==> flow/design.v <==
module dp_switch #(
    parameter integer WIDTH = 3,
    parameter integer COUNT = 32,
    parameter integer SEL_WIDTH = $clog2(COUNT)
) (
    input  wire ck,
    input  wire [COUNT*WIDTH-1:0] val,
    input  wire [SEL_WIDTH-1:0] sel,
    output wire [WIDTH-1:0] q
);
    reg [COUNT*WIDTH-1:0] val_q;
    always @(posedge ck) begin
        val_q <= val;
    end
    reg [SEL_WIDTH-1:0] sel_q;
    always @(posedge ck) begin
        sel_q <= sel;
    end
    wire [WIDTH-1:0] lvl [1:2*COUNT-1];
    genvar gi;
    generate
        for (gi = 0; gi < COUNT; gi = gi + 1) begin : lane
            assign lvl[COUNT+gi] = val_q[gi*WIDTH +: WIDTH];
        end
        for (gi = 1; gi < COUNT; gi = gi + 1) begin : stage
            assign lvl[gi] = sel_q[SEL_WIDTH - $clog2(gi+1)] ? lvl[2*gi+1] : lvl[2*gi];
        end
    endgenerate
    reg [WIDTH-1:0] q_q;
    always @(posedge ck) begin
        q_q <= lvl[1];
    end
    assign q = q_q;
endmodule
### Reports on dp_switch

Tool output for the design above, in the order of the flow.
Line numbers count from 1 in the design file above.
Cell names lack the library's common part.
Not given: --

| set-up | value |
|---|---|
| top module | dp_switch |
| clock | ck |
| standard-cell library | sky130hd |
| corner | tt_025C_1v80 |

### Elaborated design

Counts by Yosys on the flattened word-level netlist (proc, flatten, opt, wreduce). Print and check cells are left out. Cells with the same type and inputs are merged into one.

| word-level totals | value |
|---|---|
| register bits after elaboration | 104 |
| latch bits | 0 |
| RAM bits | 0 |
| memory bits (read-only) | 0 |
| word width x clocked read ports | 0 |
| memories | 0 |
| bits of input ports | 102 |
| output and inout bits | 3 |
| word-level cells | 34 |

| cells by class | value |
|---|---|
| $add $sub $neg | 0 |
| $mul | 0 |
| div/mod/pow operators | 0 |
| order comparisons | 0 |
| equality and inequality tests | 0 |
| shift-type cells | 0 |
| mux-type cells | 31 |
| bitwise logic cells | 0 |
| reductions and logical operators | 0 |

Operator list:

| operator | number |
|---|---|
| two-way mux 3 bit | 31 |

### Depth

Longest topological path by Yosys (ltp), each cell counted once; first at word level (registers and memories cut), then after technology mapping (sequential cells cut; the memories' decode and read muxes count).

| logic depth | value |
|---|---|
| depth after elaboration | 5 |
| ABC_AREA | 1 |
| depth in mapped cells | 11 |
| gate-level depth less buffers | 9 |

### After synthesis

Yosys stat after the flow's synthesis: flattened, memories mapped to cells. It holds for the ABC_AREA given above (unset counts as 0); a run with the other value may have another netlist.

| mapped netlist | value |
|---|---|
| standard cells after synthesis | 333 |
| chip area (Yosys) | 3080.5 um2 |
| area of sequential cells | 2082.0 um2 |
| mapped flip-flops | 104 |

Cell types:

| cell type | number | area in all (um2) |
|---|---|---|
| dfxtp_1 | 104 | 2.08E+03 |
| nand2_1 | 135 | 506.736 |
| nand3_1 | 72 | 360.346 |
| buf_2 | 9 | 45.043 |
| buf_6 | 4 | 45.043 |
| buf_4 | 2 | 15.014 |
| inv_1 | 3 | 11.261 |
| inv_2 | 2 | 7.507 |
| buf_1 | 1 | 3.754 |
| clkbuf_1 | 1 | 3.754 |

### Path before layout

OpenSTA on the mapped netlist: ideal clock, no wires. The path of least setup slack (recovery checks aside). Input and output delay are each 20% of the period. Register names are those of the netlist, which keeps one name where synthesis merged equal registers.

| timing after synthesis | value |
|---|---|
| path type | reg-to-reg |
| start point | reg sel_q[0] |
| end point | reg q_q[0] |
| clock period | 2.52 ns |
| launch time at the first pin | 0.000 ns |
| arrival | 1.058 ns |
| required time | 2.408 ns |
| path slack | 1.350 ns |
| delay of the path | 1.170 ns |
| driving pins on the path | 12 |
| synthesis period reached | 1.17 ns |

"delay of the path" = arrival - input delay + setup time.
"driving pins on the path": output pins that drive a net of the path, with the launching flip-flop's if there is one; two outputs of one cell count as two.
"synthesis period reached" is the clock period less the worst setup slack; recovery checks do not enter. This is arithmetic on one report: input and output delays are still those of the set period (20% each).
Between the ends stands the longest chain of elaborated cells between them, by number of cells; it is not shown to be the way that was timed. Of several equally long chains one is given.
Each line given opens the expression or statement behind the cell; cells for indexed reads and writes are added by Yosys, which also makes memories of some case tables.

| between the ends, after synthesis | value |
|---|---|
| cell sequence | dfxtp_1 > inv_2 > buf_4 > buf_6 > nand2_1 > nand3_1 > nand3_1 > nand2_1 > nand2_1 > nand2_1 > nand2_1 > nand2_1 |
| cells in the longest elaborated chain | 5 |
| elaborated cells between the ends (all ways) | 31 |

RTL lines, path after synthesis:

| what | RTL line | text |
|---|---|---|
| start: declaration | 15 | `reg [SEL_WIDTH-1:0] sel_q;` |
| start: assignment | 17 | `sel_q <= sel;` |
| two-way mux 3 bit (5 in a row) | 26 | `assign lvl[gi] = sel_q[SEL_WIDTH - $clog2(gi+1)] ? lvl[2*gi+1] : lvl[2*gi];` |
| end: assignment | 31 | `q_q <= lvl[1];` |
| end: declaration | 29 | `reg [WIDTH-1:0] q_q;` |

### Timing after layout

From the final timing report of flow run A: the path of least setup slack in the routed layout; clock arrival at registers is part of the times.

| timing after layout | value |
|---|---|
| path type | reg-to-output |
| start point | reg q_q[0] |
| end point | out q[0] |
| clock period | 3.76 ns |
| output delay | 0.75 ns |
| launch time at the first pin | 0.35 ns |
| arrival | 1.22 ns |
| required time | 3.01 ns |
| path slack | 1.78 ns |
| driving pins on the path | 2 |

| between the ends, after layout | value |
|---|---|
| cell sequence | dfxtp_1 > clkdlybuf4s50_1 |
| cells in the longest elaborated chain | 0 |
| elaborated cells between the ends (all ways) | 0 |

RTL lines, path after layout:

| what | RTL line | text |
|---|---|---|
| start: declaration | 29 | `reg [WIDTH-1:0] q_q;` |
| start: assignment | 31 | `q_q <= lvl[1];` |
| end: declaration | 9 | `output wire [WIDTH-1:0] q` |

FLOW RESULTS
============

dp_switch through Yosys and OpenROAD on sky130hd: 3 stored runs, unordered, with their settings and measured results. The constraints put input and output delay at 20% of the set period each and load the outputs with 0.01 pF.
"achieved clock period" = clock period - worst setup slack. The figure is calculated, with input and output delays left at 20% of the set period.
"time used up by the worst setup path" means the part of the period allowed to the worst setup path (the constraints hold back 20% at inputs and 20% at outputs) less its slack; where the path has registers, the arrival times of their clocks count too.
"total power of the final layout" rests on the timing tool's default activity at the inputs, not on a simulated workload.
Among the settings, - means not set for that run.

| item | flow run A | flow run B | flow run C |
|---|---|---|---|
| period_ns | 3.76 | 1.74 | 2.52 |
| CORE_UTILIZATION | 22 | 34 | 40 |
| SETUP_SLACK_MARGIN | 0.0 | - | - |
| PLACE_DENSITY | 0.45 | - | - |
| CELL_PAD_IN_SITES_DETAIL_PLACEMENT | 1 | - | - |
| ABC_AREA | 1 | 1 | - |
| GPL_TIMING_DRIVEN | 0 | - | - |
| CTS_CLUSTER_SIZE | 37 | - | - |
| CTS_CLUSTER_DIAMETER | 84 | - | - |
| CAP_MARGIN | 0 | 20 | 20 |
| MIN_ROUTING_LAYER | met1 | met1 | - |
| MAX_ROUTING_LAYER | met4 | met5 | - |
| CORE_MARGIN | 2 | 2 | 2 |
| SLEW_MARGIN | 20 | 20 | 20 |
| PLACE_DENSITY_LB_ADDON | - | 0.17 | - |
| CORE_ASPECT_RATIO | - | 1.32 | - |
| CELL_PAD_IN_SITES_GLOBAL_PLACEMENT | - | 1 | - |
| lowest hold slack (ns) | 0.504 | 0.449 | 0.594 |
| achieved clock period (ns) | 1.976 | 1.558 | 1.977 |
| area inside the die boundary (um2) | 14964.6 | 9844.8 | 7781.0 |
| standard-cell area of the final layout (um2) | 4665.7 | 4520.6 | 4227.8 |
| post-synthesis cell area (um2) | 3080.5 | 3080.5 | 2836.5 |
| final design utilization (%) | 33.9 | 51.8 | 61.9 |
| lowest setup slack (ns) | 1.784 | 0.182 | 0.543 |
| time used up by the worst setup path (ns) | 1.22 | 1.21 | 1.98 |
| kind of the worst setup path | reg-to-output | reg-to-output | reg-to-reg |
| total power of the final layout (uW) | 2389 | 5191 | 3279 |
| final setup TNS (ns) | 0.000 | 0.000 | 0.000 |
